==> flow/design.v <==
module dp_reg_file #(
   parameter integer ENTRIES = 16,
   parameter integer DATA_WIDTH = 20,
   parameter integer NUM_RD = 4,
   parameter integer NW = 1,
   parameter integer ADDR_WIDTH = $clog2(ENTRIES)
) (
   input  core_clk,
   input  clr,
   input  [NW-1:0] in_we,
   input  [NW*ADDR_WIDTH-1:0] in_wr_idx,
   input  [NW*DATA_WIDTH-1:0] in_write_data,
   input  [NUM_RD*ADDR_WIDTH-1:0] in_ra,
   output [NUM_RD*DATA_WIDTH-1:0] out_q
);
   reg [NW-1:0] we_q;
   reg [NW*ADDR_WIDTH-1:0] wr_idx_q;
   reg [NW*DATA_WIDTH-1:0] write_data_q;
   reg [DATA_WIDTH-1:0] array [ENTRIES-1:0];
   integer idx;
   always @(posedge core_clk) begin
      for (idx = 0; idx < NW; idx = idx + 1)
         if (we_q[idx]) array[wr_idx_q[idx*ADDR_WIDTH +: ADDR_WIDTH]] <= write_data_q[idx*DATA_WIDTH +: DATA_WIDTH];
   end
   reg [NUM_RD*ADDR_WIDTH-1:0] ra_q;
   wire [NUM_RD*DATA_WIDTH-1:0] t;
   genvar gj;
   generate
      for (gj = 0; gj < NUM_RD; gj = gj + 1) begin : lane
         assign t[gj*DATA_WIDTH +: DATA_WIDTH] = array[ra_q[gj*ADDR_WIDTH +: ADDR_WIDTH]];
      end
   endgenerate
   assign out_q = t;
   always @(posedge core_clk or posedge clr) begin
      if (clr) begin
         we_q <= 0;
         wr_idx_q <= 0;
         write_data_q <= 0;
         ra_q <= 0;
      end else begin
         we_q <= in_we;
         wr_idx_q <= in_wr_idx;
         write_data_q <= in_write_data;
         ra_q <= in_ra;
      end
   end
endmodule
# From RTL to reports: dp_reg_file

The steps from the RTL of dp_reg_file to its reports follow in flow order.
Line numbers count from 1 in the design file above.
Cell names lack the library's common part.
A cell with -- has no value.

Design top: dp_reg_file
Clock: core_clk
Cell library: sky130hd
Corner: tt_025C_1v80

# Word-level counts

Source: Yosys, flattened and elaborated, memories not mapped. Widths are those after wreduce; folded enables and synchronous resets count as part of the registers. Registers that Yosys merges into a memory's read port (data or address) are not register bits. Print and check cells do not count. Equal cells are merged and count once.
Yosys's memory passes give these memory sizes; they may raise the number of words (mostly to a power of two), join words into wider ones and drop unused or constant bits.

Memories: 1
Register bits after elaboration: 41
Input bits: 43
Memory bits (writable): 320
Elaborated cells: 8

Multiplexer cells: 3

Memory list:

| memory | depth | bits a word | rd ports | write ports | RTL line | text |
| array  | 16    | 20          | 4        | 1           | 19       | `reg [DATA_WIDTH-1:0] array [ENTRIES-1:0];` |

Operators by type and width:

| cell               | number |
| 20-bit two-way mux | 1 |
| 4-bit two-way mux  | 1 |
| 1-bit two-way mux  | 1 |

# Depth

Depth = most cells in a row (Yosys ltp): at word level without a register or memory, in the mapped netlist without a sequential cell, where the memories' decode and read muxes count.

Depth after elaboration: 1
ABC_AREA: 0
Mapped depth: 5
Mapped depth without buffers: 3

# Synthesis result

The flow's flattened synthesis, as Yosys stat reports it; memories are mapped. The netlist is that of the ABC_AREA named above (0 if unset); the other value can give another one.

Cells by type:

| cell     | number | total area (µm²) |
| edfxtp_1 | 320    | 9.61E+03 |
| mux4_2   | 256    | 5765.53 |
| mux4_1   | 64     | 1.68E+03 |
| a22oi_1  | 160    | 1.2E+03 |
| dfrtp_1  | 41     | 1.03E+03 |
| nand2_1  | 81     | 304.042 |
| clkbuf_1 | 64     | 240.23 |
| buf_6    | 20     | 225.216 |
| buf_4    | 16     | 120.115 |
| nor2_1   | 16     | 60.058 |
| nor2b_1  | 8      | 50.048 |
| and2_1   | 4      | 25.024 |
| buf_2    | 4      | 20.019 |
| nor3_1   | 4      | 20.019 |
| nand3b_1 | 2      | 15.014 |
| nand2b_1 | 2      | 12.512 |
| or3b_2   | 1      | 8.758 |
| nand3_1  | 1      | 5.005 |
| inv_1    | 1      | 3.754 |

Cells in the netlist: 1065
Synthesis area: 20393.3 µm²
Buffers: 104
Flip-flop cells: 361

# Worst setup path after synthesis

Path of least setup slack by OpenSTA after synthesis, without wires, with an ideal clock, recovery checks aside; 20% of the period is set as input and as output delay. Where synthesis merged equal registers, the netlist keeps one of their names.

Kind: register to register
Start point: register wr_idx_q[2]
End point: memory array[0][0]
Setup time: 0.422 ns
Setup slack: 0.675 ns
Period: 3.39 ns
Delay of the path: 2.714 ns
Driving pins on the path: 3
Arrival time: 2.292 ns
Synthesis period reached: 2.715 ns

"delay of the path" = arrival - input delay + setup time.
"driving pins on the path" counts driving pins, that of a launching flip-flop among them; a cell with two outputs on the path counts twice.
"synthesis period reached" = period - worst setup slack (recovery checks aside). The figure is calculated, with input and output delays left at 20% of the set period.
Between the ends stands the longest chain of elaborated cells between them, by number of cells; it is not shown to be the way that was timed. Of several equally long chains one is given.
A line is the first line of the expression or statement that the cell stems from. Yosys adds cells for indexed reads and writes and turns some case tables into memories.

Cell sequence: dfrtp_1 or3b_2 nor3_1
Length of the longest elaborated chain: 1

Ends and longest elaborated chain, after synthesis:

| item               | RTL line | text |
| start: declaration | 17       | `reg [NW*ADDR_WIDTH-1:0] wr_idx_q;` |
| start: assignment  | 37       | `wr_idx_q <= 0;` |
| start: assignment  | 42       | `wr_idx_q <= in_wr_idx;` |
| 4-bit two-way mux  | 23       | `if (we_q[idx]) array[wr_idx_q[idx*ADDR_WIDTH +: ADDR_WIDTH]] <= write_data_q[idx*DATA_WIDTH +: DATA_WIDTH];` |
| end: declaration   | 19       | `reg [DATA_WIDTH-1:0] array [ENTRIES-1:0];` |

# Timing after layout

From the final timing report of job 1: the path of least setup slack in the routed layout; clock arrival at registers is part of the times.

Kind: register to output
Start point: register ra_q[4]
End point: output port out_q[32]
Arrival time: 3.35 ns
Setup slack: 0.19 ns
Driving pins on the path: 6
Period: 4.42 ns

Between the ends stands the longest chain of elaborated cells between them, by number of cells; it is not shown to be the way that was timed. Of several equally long chains one is given.
The chain passes a memory read, where the word-level depth is cut; so it can be longer than that depth.

Cell sequence: dfrtp_4 buf_12 mux4_1 a22oi_1 nand2_1 clkdlybuf4s50_1
Length of the longest elaborated chain: 1

Ends and longest elaborated chain, post-layout:

| item               | RTL line | text |
| start: declaration | 25       | `reg [NUM_RD*ADDR_WIDTH-1:0] ra_q;` |
| start: assignment  | 39       | `ra_q <= 0;` |
| start: assignment  | 44       | `ra_q <= in_ra;` |
| memory 16 x 20 bit | 19       | `reg [DATA_WIDTH-1:0] array [ENTRIES-1:0];` |
| end: declaration   | 14       | `output [NUM_RD*DATA_WIDTH-1:0] out_q` |

Lab notebook: dp_reg_file

Record of 3 stored runs of the RTL-to-layout flow on dp_reg_file, platform sky130hd. The runs are unordered. Constraints: input delay and output delay 20% of the set period each, output load 0.01 pF.
"achieved period" is the run's clock period less its worst setup slack. It is reckoned from that one timing run; input and output delays stay at 20% of the period that was set.
Settings: -- = not set for that run.

| item                                   | job 1   | job 2   | job 3   |
| period_ns                              | 4.42    | 5.29    | 3.39    |
| CORE_UTILIZATION                       | 49      | 50      | 40      |
| PLACE_DENSITY_LB_ADDON                 | 0.26    | 0.11    | --      |
| CORE_ASPECT_RATIO                      | 1.73    | 1.16    | --      |
| CELL_PAD_IN_SITES_DETAIL_PLACEMENT     | 2       | --      | --      |
| CTS_CLUSTER_DIAMETER                   | 183     | 397     | --      |
| CAP_MARGIN                             | 20      | 20      | 20      |
| CORE_MARGIN                            | 2       | 2       | 2       |
| SLEW_MARGIN                            | 20      | 20      | 20      |
| SETUP_SLACK_MARGIN                     | --      | 0.21    | --      |
| CELL_PAD_IN_SITES_GLOBAL_PLACEMENT     | --      | 0       | --      |
| ABC_AREA                               | --      | 0       | --      |
| MIN_ROUTING_LAYER                      | --      | met2    | --      |
| achieved period (ns)                   | 4.233   | 4.410   | 3.364   |
| setup slack of the worst path (ns)     | 0.187   | 0.880   | 0.026   |
| overall die area (µm²)                 | 43329.1 | 42422.3 | 52805.7 |
| standard-cell area after routing (µm²) | 23642.7 | 23715.2 | 25389.4 |
| worst hold slack (ns)                  | 0.768   | 0.752   | 0.534   |
| chip area in the Yosys report (µm²)    | 20393.3 | 20393.3 | 20393.3 |
